==> flow/design.v <==
module ex_registers_blk #(
   parameter DEPTH = 10,
   parameter DW = 12,
   parameter AW = $clog2(DEPTH)
) (
   input  core_clk,
   input  we,
   input  [AW-1:0] wa,
   input  [DW-1:0] wdata,
   input  [AW-1:0] ra_a,
   input  [AW-1:0] ra_b,
   output reg [DW-1:0] dout_a,
   output reg [DW-1:0] dout_b
);
   reg we_r;
   reg [AW-1:0] wa_r;
   reg [DW-1:0] wdata_r;
   reg [DW-1:0] bank [0:DEPTH-1];
   always @(posedge core_clk) begin
      if (we_r)
         bank[wa_r] <= wdata_r;
   end
   reg [AW-1:0] ra_a_r;
   reg [AW-1:0] ra_b_r;
   always @(posedge core_clk) begin
      we_r <= we;
      wa_r <= wa;
      wdata_r <= wdata;
      ra_a_r <= ra_a;
      ra_b_r <= ra_b;
      dout_a <= (we_r && wa_r == ra_a_r) ? wdata_r : bank[ra_a_r];
      dout_b <= (we_r && wa_r == ra_b_r) ? wdata_r : bank[ra_b_r];
   end
endmodule
### Tool chain data of ex_registers_blk

What the tools print for ex_registers_blk, step after step.
Line numbers count from 1 in the design file above.
Operators carry their Yosys type and port widths (W data, S select, Z words).
The mark -- stands for no value.

| design | value |
|---|---|
| top | ex_registers_blk |
| clock port | core_clk |
| library | sky130hd |
| library corner | tt_025C_1v80 |

### After elaboration

Yosys after proc, flatten, opt, wreduce and memory -nomap, before mapping. Enables and synchronous resets that opt folds into registers are not counted as muxes. Memory bits, and registers merged into a memory's read port (data or address), are not among the register bits. Print and check cells are not counted. Equal cells are merged and count once.
Memory sizes are those after Yosys's memory passes, which may raise the word count (mostly to a power of two), join words into wider ones and drop unused or constant bits.

| storage and ports | value |
|---|---|
| register bits after elaboration | 25 |
| RAM bits | 120 |
| word width x clocked read ports | 24 |
| memories | 1 |
| output and inout bits | 24 |

Memory list:

| name | words | width | rd ports | wr ports | RTL line | text |
|---|---|---|---|---|---|---|
| bank | 10 | 12 | 2 | 1 | 18 | `reg [DW-1:0] bank [0:DEPTH-1];` |

| cells by class | value |
|---|---|
| multiplexer cells | 3 |

Operators with widths:

| cell | number |
|---|---|
| $mux W12 | 1 |
| $mux W4 | 1 |
| $mux W1 | 1 |

### Logic depth

Depth = most cells in a row (Yosys ltp): at word level without a register or memory, in the mapped netlist without a sequential cell, where the memories' decode and read muxes count.

| logic depth | value |
|---|---|
| depth in word-level cells | 1 |
| ABC_AREA | 0 |
| depth in mapped cells | 5 |
| gate-level depth less buffers | 3 |

### Synthesis result

The flow's flattened synthesis, as Yosys stat reports it; memories are mapped. The netlist is that of the ABC_AREA named above (0 if unset); the other value can give another one.
The area totals of this step are shown rounded.

| mapped netlist | value |
|---|---|
| standard cells after synthesis | 419 |
| mapped area | 6599 um^2 |
| sequential area | 4264 um^2 |
| flip-flops | 153 |

Cell types:

| type | number |
|---|---|
| sky130_fd_sc_hd__edfxtp_1 | 120 |
| sky130_fd_sc_hd__mux2_2 | 72 |
| sky130_fd_sc_hd__dfxtp_1 | 33 |
| sky130_fd_sc_hd__mux2i_1 | 48 |
| sky130_fd_sc_hd__a22o_1 | 24 |
| sky130_fd_sc_hd__o31ai_2 | 13 |
| sky130_fd_sc_hd__o22ai_1 | 24 |
| sky130_fd_sc_hd__nand2_1 | 27 |
| sky130_fd_sc_hd__buf_6 | 8 |
| sky130_fd_sc_hd__o31ai_1 | 11 |
| sky130_fd_sc_hd__buf_12 | 4 |
| sky130_fd_sc_hd__clkbuf_1 | 11 |
| sky130_fd_sc_hd__nor2_1 | 9 |
| sky130_fd_sc_hd__nand2b_1 | 4 |
| sky130_fd_sc_hd__buf_2 | 3 |
| sky130_fd_sc_hd__nand3b_1 | 2 |
| sky130_fd_sc_hd__nor3_1 | 3 |
| sky130_fd_sc_hd__nor2b_1 | 2 |
| sky130_fd_sc_hd__or3b_2 | 1 |

### Worst setup path after synthesis

Source: OpenSTA report_checks on the synthesized netlist (no wires, ideal clock, input and output delay 20% of the period each), path of least setup slack; recovery checks are left aside. Register names are those of the netlist, which keeps one name where synthesis merged equal registers.

| path post-synthesis | value |
|---|---|
| kind | reg2reg |
| start point | register we_r |
| end point | memory bank[0][0] |
| clock period | 2.6 ns |
| setup time | 0.396 ns |
| launch time at the first pin | 0.000 ns |
| data arrival time | 1.682 ns |
| data required time | 2.204 ns |
| path slack | 0.522 ns |
| path delay | 2.078 ns |
| stages on the path | 3 |
| path buffers | 0 |
| synthesis period reached | 2.078 ns |

"path delay" = arrival - input delay + setup time.
"stages on the path": output pins that drive a net of the path, with the launching flip-flop's if there is one; two outputs of one cell count as two.
"synthesis period reached" = period - worst setup slack (recovery checks aside). The figure is calculated, with input and output delays left at 20% of the set period.
Between the ends stands the longest chain of elaborated cells between them, by number of cells; it is not shown to be the way that was timed. Of several equally long chains one is given.
Each line given opens the expression or statement behind the cell; cells for indexed reads and writes are added by Yosys, which also makes memories of some case tables.
Only ways into the end's enable, where the timed path ends, are counted here.

| on the way, post-synthesis | value |
|---|---|
| cells stage by stage | sky130_fd_sc_hd__dfxtp_1 > sky130_fd_sc_hd__or3b_2 > sky130_fd_sc_hd__nor3_1 |
| length of the longest elaborated chain | 1 |
| elaborated cells between the ends (all ways) | 2 |
| source lines of those cells | 1 |
| those cells by class | mux: 2 |

RTL lines, path post-synthesis:

| element | RTL line | text |
|---|---|---|
| start, declared | 15 | `reg we_r;` |
| start, assigned | 26 | `we_r <= we;` |
| $mux W4 | 20 | `if (we_r)` |
| end, declared | 18 | `reg [DW-1:0] bank [0:DEPTH-1];` |

### Path in the finished layout

Path of least setup slack in the final report of flow run A (OpenROAD, finished layout, wires in). Where an end is a register, its clock arrival counts in the times.

| path after layout | value |
|---|---|
| kind | reg2out |
| start point | register (no name shown) |
| end point | output port dout_b[11] |
| clock period | 2.6 ns |
| output delay | 0.52 ns |
| launch time at the first pin | 0.42 ns |
| data arrival time | 2.04 ns |
| data required time | 2.08 ns |
| path slack | 0.04 ns |
| stages on the path | 6 |
| path buffers | 2 |

| on the way, after layout | value |
|---|---|
| cells stage by stage | sky130_fd_sc_hd__dfxtp_4 > sky130_fd_sc_hd__buf_12 > sky130_fd_sc_hd__mux2_2 > sky130_fd_sc_hd__o22ai_1 > sky130_fd_sc_hd__o31ai_1 > sky130_fd_sc_hd__dlygate4sd2_1 |

RTL lines, path after layout:

| element | RTL line | text |
|---|---|---|
| end, declared | 13 | `output reg [DW-1:0] dout_b` |

Chain of elaborated cells between the ends: none given.

Measured results for ex_registers_blk: 3 stored runs of the Yosys and OpenROAD flow on sky130hd. The settings differ; the order carries no meaning. The constraints put input and output delay at 20% of the set period each and load the outputs with 0.01 pF.
By "period achieved" is meant the clock period of the run minus its worst setup slack. This is arithmetic on one report: input and output delays are still those of the set period (20% each).
Measured values are rounded.
Settings: - = not set for that run.
A result given as - is not shown for that run.

| item | flow run A | flow run B | flow run C |
|---|---|---|---|
| period_ns | 2.6 | 2.97 | 1.37 |
| CAP_MARGIN | 20 | 0 | 20 |
| CORE_MARGIN | 2 | 2 | 2 |
| CORE_UTILIZATION | 40 | 72 | 64 |
| SLEW_MARGIN | 20 | 0 | 20 |
| SETUP_SLACK_MARGIN | - | 0.5 | - |
| PLACE_DENSITY_LB_ADDON | - | 0.26 | 0.11 |
| CELL_PAD_IN_SITES_GLOBAL_PLACEMENT | - | 2 | 1 |
| ABC_AREA | - | 1 | - |
| MIN_ROUTING_LAYER | - | met1 | - |
| CORE_ASPECT_RATIO | - | - | 0.7 |
| CELL_PAD_IN_SITES_DETAIL_PLACEMENT | - | - | 0 |
| TNS_END_PERCENT | - | - | 35 |
| GPL_TIMING_DRIVEN | - | - | 1 |
| GPL_ROUTABILITY_DRIVEN | - | - | 1 |
| CTS_CLUSTER_SIZE | - | - | 88 |
| worst setup slack after layout (ns) | 0.045 | - | -0.874 |
| utilization after routing (%) | 51.0 | - | 92.4 |
| area of the die (um^2) | 17540 | - | 11150 |
| period achieved (ns) | 2.555 | - | 2.244 |
| cell area after synthesis (um^2) | 6599 | - | 6599 |
| std-cell area (final layout) (um^2) | 8157 | - | 9121 |
| setup total negative slack (ns) | 0.000 | - | -28.35 |

Flow run B: did not finish, placement stopped with FLW-0024
